==> flow/design.v <==
module dp_times_n (ck, RST, clk_en, i_u, o_prod);
  parameter XLEN = 8;
  parameter SCALE = 365;
  localparam OUT_W = XLEN + $clog2(SCALE + 1);
  input ck;
  input RST;
  input clk_en;
  input [XLEN-1:0] i_u;
  output [OUT_W-1:0] o_prod;
  reg [OUT_W-1:0] prod_r;
  always @(posedge ck) begin
    if (RST) begin
      prod_r <= 0;
    end else if (clk_en) begin
      prod_r <= i_u * SCALE;
    end
  end
  assign o_prod = prod_r;
endmodule
Memo
Re: synthesis data of dp_times_n

From RTL to reports: dp_times_n

Tool output for the members of one design family, told apart by "XLEN", in the order of the flow.
The file above is the member XLEN 8. Line numbers count from 1 in each member's own file.
Operators carry their Yosys type and port widths (W data, S select, Z words).
Cell names lack the library's common part.
Not given: n/a

Top module: dp_times_n
Clock: ck
Standard-cell library: sky130hd
Library corner: tt_025C_1v80

Source of the members

New or changed lines of each further member against the RTL above, in its own file; lines it lacks are not shown.

New or changed lines:

| XLEN | RTL line | source |
| 10   | 2        | `parameter XLEN = 10;` |
| 14   | 2        | `parameter XLEN = 14;` |
| 32   | 2        | `parameter XLEN = 32;` |
| 48   | 2        | `parameter XLEN = 48;` |
| 56   | 2        | `parameter XLEN = 56;` |

Word-level counts

Yosys after proc, flatten, opt, wreduce and memory -nomap, before mapping. Enables and synchronous resets that opt folds into registers are not counted as muxes. Memory bits, and registers merged into a memory's read port (data or address), are not among the register bits. Print and check cells are not counted. Equal cells are merged and count once.

Cells by class:

| XLEN | magnitude comparators | multiply operators | div/mod/pow operators | shift operators | bitwise operators | reduce/logical cells | equal/unequal tests | muxes and demuxes | add/subtract/negate cells |
| 8    | 0                     | 1                  | 0                     | 0               | 0                 | 0                    | 0                   | 0                 | 0 |
| 10   | 0                     | 1                  | 0                     | 0               | 0                 | 0                    | 0                   | 0                 | 0 |
| 14   | 0                     | 1                  | 0                     | 0               | 0                 | 0                    | 0                   | 0                 | 0 |
| 32   | 0                     | 1                  | 0                     | 0               | 0                 | 0                    | 0                   | 0                 | 0 |
| 48   | 0                     | 1                  | 0                     | 0               | 0                 | 0                    | 0                   | 0                 | 0 |
| 56   | 0                     | 1                  | 0                     | 0               | 0                 | 0                    | 0                   | 0                 | 0 |

Operators with widths:

| XLEN | kinds with counts |
| 8    | 1 x $mul A8 B9 Y17 const B |
| 10   | 1 x $mul A10 B9 Y19 const B |
| 14   | 1 x $mul A14 B9 Y23 const B |
| 32   | 1 x $mul A32 B9 Y41 const B |
| 48   | 1 x $mul A48 B9 Y57 const B |
| 56   | 1 x $mul A56 B9 Y65 const B |

Storage and ports:

| XLEN | clocked read ports x word width | word-level cells | input bits | memories | memory bits (writable) | ROM bits | register bits after elaboration | output and inout port bits | latch bits |
| 8    | 0                               | 2                | 11         | 0        | 0                      | 0        | 17                              | 17                         | 0 |
| 10   | 0                               | 2                | 13         | 0        | 0                      | 0        | 19                              | 19                         | 0 |
| 14   | 0                               | 2                | 17         | 0        | 0                      | 0        | 23                              | 23                         | 0 |
| 32   | 0                               | 2                | 35         | 0        | 0                      | 0        | 41                              | 41                         | 0 |
| 48   | 0                               | 2                | 51         | 0        | 0                      | 0        | 57                              | 57                         | 0 |
| 56   | 0                               | 2                | 59         | 0        | 0                      | 0        | 65                              | 65                         | 0 |

Depth

Longest topological path by Yosys (ltp), each cell counted once; first at word level (registers and memories cut), then after technology mapping (sequential cells cut; the memories' decode and read muxes count).

Logic depth:

| XLEN | depth in word-level cells | ABC_AREA | mapped depth | mapped depth without buffers |
| 8    | 1                         | 0        | 15           | 14 |
| 10   | 1                         | 0        | 14           | 14 |
| 14   | 1                         | 0        | 17           | 15 |
| 32   | 1                         | 0        | 19           | 17 |
| 48   | 1                         | 0        | 21           | 19 |
| 56   | 1                         | 0        | 20           | 18 |

After synthesis

The flow's flattened synthesis, as Yosys stat reports it; memories are mapped. The netlist is that of the ABC_AREA named above (0 if unset); the other value can give another one.
The area totals of this step are shown rounded.

Mapped netlist:

| XLEN | sequential part of the area (mm2) | cells in the netlist | mapped area (mm2) | buffers | flip-flop cells |
| 8    | 0.0003403                         | 224                  | 0.002112          | 6       | 17 |
| 10   | 0.0003804                         | 273                  | 0.002486          | 8       | 19 |
| 14   | 0.0004604                         | 367                  | 0.003283          | 7       | 23 |
| 32   | 0.0008208                         | 823                  | 0.007269          | 25      | 41 |
| 48   | 0.001141                          | 1,228                | 0.01081           | 42      | 57 |
| 56   | 0.001301                          | 1,472                | 0.0126            | 59      | 65 |

Cell types:

| XLEN | types with counts |
| 8    | 40 x ha_1; 20 x fa_1; 17 x dfxtp_1; 44 x inv_1; 12 x mux2i_1; 13 x nor2_1; 11 x nand2_1; 4 x a21o_1; 3 x o311ai_1; 3 x xnor2_1; 5 x a21oi_1; 5 x o21ai_0; 3 x a211oi_1; 3 x o21bai_1; 2 x or4b_1; 3 x and3_1; 3 x nand2b_1; 2 x a21oi_2; [+31] |
| 10   | 27 x fa_1; 43 x ha_1; 19 x dfxtp_1; 57 x inv_1; 17 x a21oi_1; 8 x mux2i_1; 16 x nor2_1; 7 x nor3b_1; 12 x nand2_1; 7 x o21ai_0; 4 x xnor2_1; 4 x a211oi_1; 4 x a21o_1; 1 x a221oi_4; 3 x xor2_1; 6 x clkbuf_1; 4 x nand3_1; 2 x o311ai_0; [+32] |
| 14   | 40 x fa_1; 54 x ha_1; 23 x dfxtp_1; 85 x inv_1; 11 x mux2i_1; 18 x a21oi_1; 16 x o21ai_0; 21 x nand2_1; 9 x xor2_1; 19 x nor2_1; 7 x a21o_1; 6 x xnor2_1; 5 x nand2b_1; 3 x a211oi_1; 3 x o211ai_1; 4 x nand3_1; 2 x or4b_1; 3 x a31oi_1; [+38] |
| 32   | 88 x fa_1; 108 x ha_1; 41 x dfxtp_1; 159 x inv_1; 45 x xor2_1; 43 x a21oi_1; 27 x a21o_1; 19 x mux2i_1; 49 x nor2_1; 21 x xnor2_1; 43 x nand2_1; 12 x nand4_1; 15 x o21ai_1; 10 x o21bai_1; 18 x clkbuf_1; 7 x a22o_1; 8 x o21a_1; 11 x o21ai_0; [+99] |
| 48   | 150 x fa_1; 135 x ha_1; 57 x dfxtp_1; 254 x inv_1; 50 x xnor2_1; 69 x a21oi_1; 39 x xor2_1; 41 x a21o_1; 30 x mux2i_1; 69 x nand2_1; 69 x nor2_1; 35 x o21ai_0; 23 x nor2b_1; 30 x clkbuf_1; 11 x o21bai_1; 8 x a22o_1; 14 x o21ai_1; 13 x nand3_1; [+131] |
| 56   | 166 x fa_1; 159 x ha_1; 65 x dfxtp_1; 243 x inv_1; 82 x xnor2_1; 93 x a21oi_1; 50 x xor2_1; 108 x nand2_1; 71 x o21ai_0; 86 x nor2_1; 28 x mux2i_1; 30 x nor2b_1; 44 x clkbuf_1; 18 x a21o_1; 19 x nand4_1; 12 x a22o_1; 14 x o21a_1; 20 x nand3_1; [+164] |

A list marked [+n] leaves out that many cells.

Timing after synthesis

Source: OpenSTA report_checks on the synthesized netlist (no wires, ideal clock, input and output delay 20% of the period each), path of least setup slack; recovery checks are left aside. Register names are those of the netlist, which keeps one name where synthesis merged equal registers.

Timing post-synthesis:

| XLEN | kind         | start point        | end point           | delay of the path (ns) | path slack (ns) | period (ns) | stages | period reached after synthesis (ns) |
| 8    | input-to-reg | input port i_u[2]  | register prod_r[12] | 3.283                  | 0.821           | 5.13        | 13     | 4.309 |
| 10   | input-to-reg | input port i_u[4]  | register prod_r[14] | 3.532                  | 0.884           | 5.52        | 12     | 4.636 |
| 14   | input-to-reg | input port i_u[5]  | register prod_r[15] | 3.645                  | 0.915           | 5.7         | 15     | 4.785 |
| 32   | input-to-reg | input port i_u[14] | register prod_r[35] | 3.883                  | 0.973           | 6.07        | 17     | 5.097 |
| 48   | input-to-reg | input port i_u[20] | register prod_r[41] | 4.430                  | 1.105           | 6.92        | 20     | 5.815 |
| 56   | input-to-reg | input port i_u[18] | register prod_r[47] | 4.188                  | 1.045           | 6.54        | 19     | 5.495 |

"delay of the path" is the arrival time less input delay plus setup time.
"stages": output pins that drive a net of the path, with the launching flip-flop's if there is one; two outputs of one cell count as two.
"period reached after synthesis" is the clock period less the worst setup slack; recovery checks do not enter. This is arithmetic on one report: input and output delays are still those of the set period (20% each).
Between the ends stands the longest chain of elaborated cells between them, by number of cells; it is not shown to be the way that was timed. Of several equally long chains one is given.
Each line given opens the expression or statement behind the cell; cells for indexed reads and writes are added by Yosys, which also makes memories of some case tables.

Between the ends, post-synthesis, XLEN 8:
Length of the longest elaborated chain: 1

RTL lines, path post-synthesis, XLEN 8:

| element        | RTL line | source |
| from (decl)    | 8        | `input [XLEN-1:0] i_u;` |
| $mul A8 B9 Y17 | 15       | `prod_r <= i_u * SCALE;` |
| to (assign)    | 13       | `prod_r <= 0;` |
| to (assign)    | 15       |  |
| to (decl)      | 10       | `reg [OUT_W-1:0] prod_r;` |

Between the ends, post-synthesis, XLEN 56:
Length of the longest elaborated chain: 1

RTL lines, path post-synthesis, XLEN 56:

| element         | RTL line | source |
| from (decl)     | 8        | `input [XLEN-1:0] i_u;` |
| $mul A56 B9 Y65 | 15       | `prod_r <= i_u * SCALE;` |
| to (assign)     | 13       | `prod_r <= 0;` |
| to (assign)     | 15       |  |
| to (decl)       | 10       | `reg [OUT_W-1:0] prod_r;` |

Path in the finished layout

From the final timing report of the run of each member: the path of least setup slack in the routed layout; clock arrival at registers is part of the times.

Timing after layout:

| XLEN | kind         | start point        | end point           | arrival (ns) | path slack (ns) | period (ns) | stages | buffers on the path |
| 8    | input-to-reg | input port i_u[5]  | register prod_r[15] | 4.97         | 0.32            | 5.13        | 13     | 1 |
| 10   | input-to-reg | input port i_u[3]  | register prod_r[14] | 5.24         | 0.43            | 5.52        | 13     | 1 |
| 14   | input-to-reg | input port i_u[4]  | register prod_r[15] | 5.49         | 0.35            | 5.7         | 17     | 2 |
| 32   | input-to-reg | input port i_u[13] | register prod_r[35] | 5.91         | 0.32            | 6.07        | 18     | 1 |
| 48   | input-to-reg | input port i_u[7]  | register prod_r[56] | 6.56         | 0.65            | 6.92        | 18     | 1 |
| 56   | input-to-reg | input port i_u[14] | register prod_r[47] | 6.44         | 0.35            | 6.54        | 19     | 1 |

Measured runs

Settings and results of one run of the flow (Yosys, OpenROAD) for each member follow. The constraints put input and output delay at 20% of the set period each and load the outputs with 0.01 pF.

CAP_MARGIN: 20
CORE_MARGIN: 2
CORE_UTILIZATION: 40
SLEW_MARGIN: 20

Settings that differ:

| XLEN | period_ns |
| 8    | 5.13 |
| 10   | 5.52 |
| 14   | 5.7 |
| 32   | 6.07 |
| 48   | 6.92 |
| 56   | 6.54 |

Final reports:

| XLEN | die footprint (mm2) | power consumption (mW) | utilization in the final report (%) | reached clock period (ns) | cell area after synthesis (mm2) | setup slack of the worst path (ns) | summed negative setup slack (ns) |
| 8    | 0.005878            | 1.028                  | 49.2                                | 4.812                     | 0.002112                        | 0.318                              | 0.000 |
| 10   | 0.006862            | 1.183                  | 49.7                                | 5.090                     | 0.002486                        | 0.430                              | 0.000 |
| 14   | 0.008948            | 1.724                  | 47.9                                | 5.353                     | 0.003283                        | 0.347                              | 0.000 |
| 32   | 0.01927             | 4.570                  | 47.3                                | 5.753                     | 0.007269                        | 0.317                              | 0.000 |
| 48   | 0.02837             | 6.376                  | 46.8                                | 6.273                     | 0.01081                         | 0.647                              | 0.000 |
| 56   | 0.03294             | 8.282                  | 47.7                                | 6.194                     | 0.0126                          | 0.346                              | 0.000 |

By "reached clock period" is meant the clock period of the run minus its worst setup slack. This is arithmetic on one report: input and output delays are still those of the set period (20% each).
"power consumption" rests on the timing tool's default activity at the inputs, not on a simulated workload.
Values from the reports are rounded here.
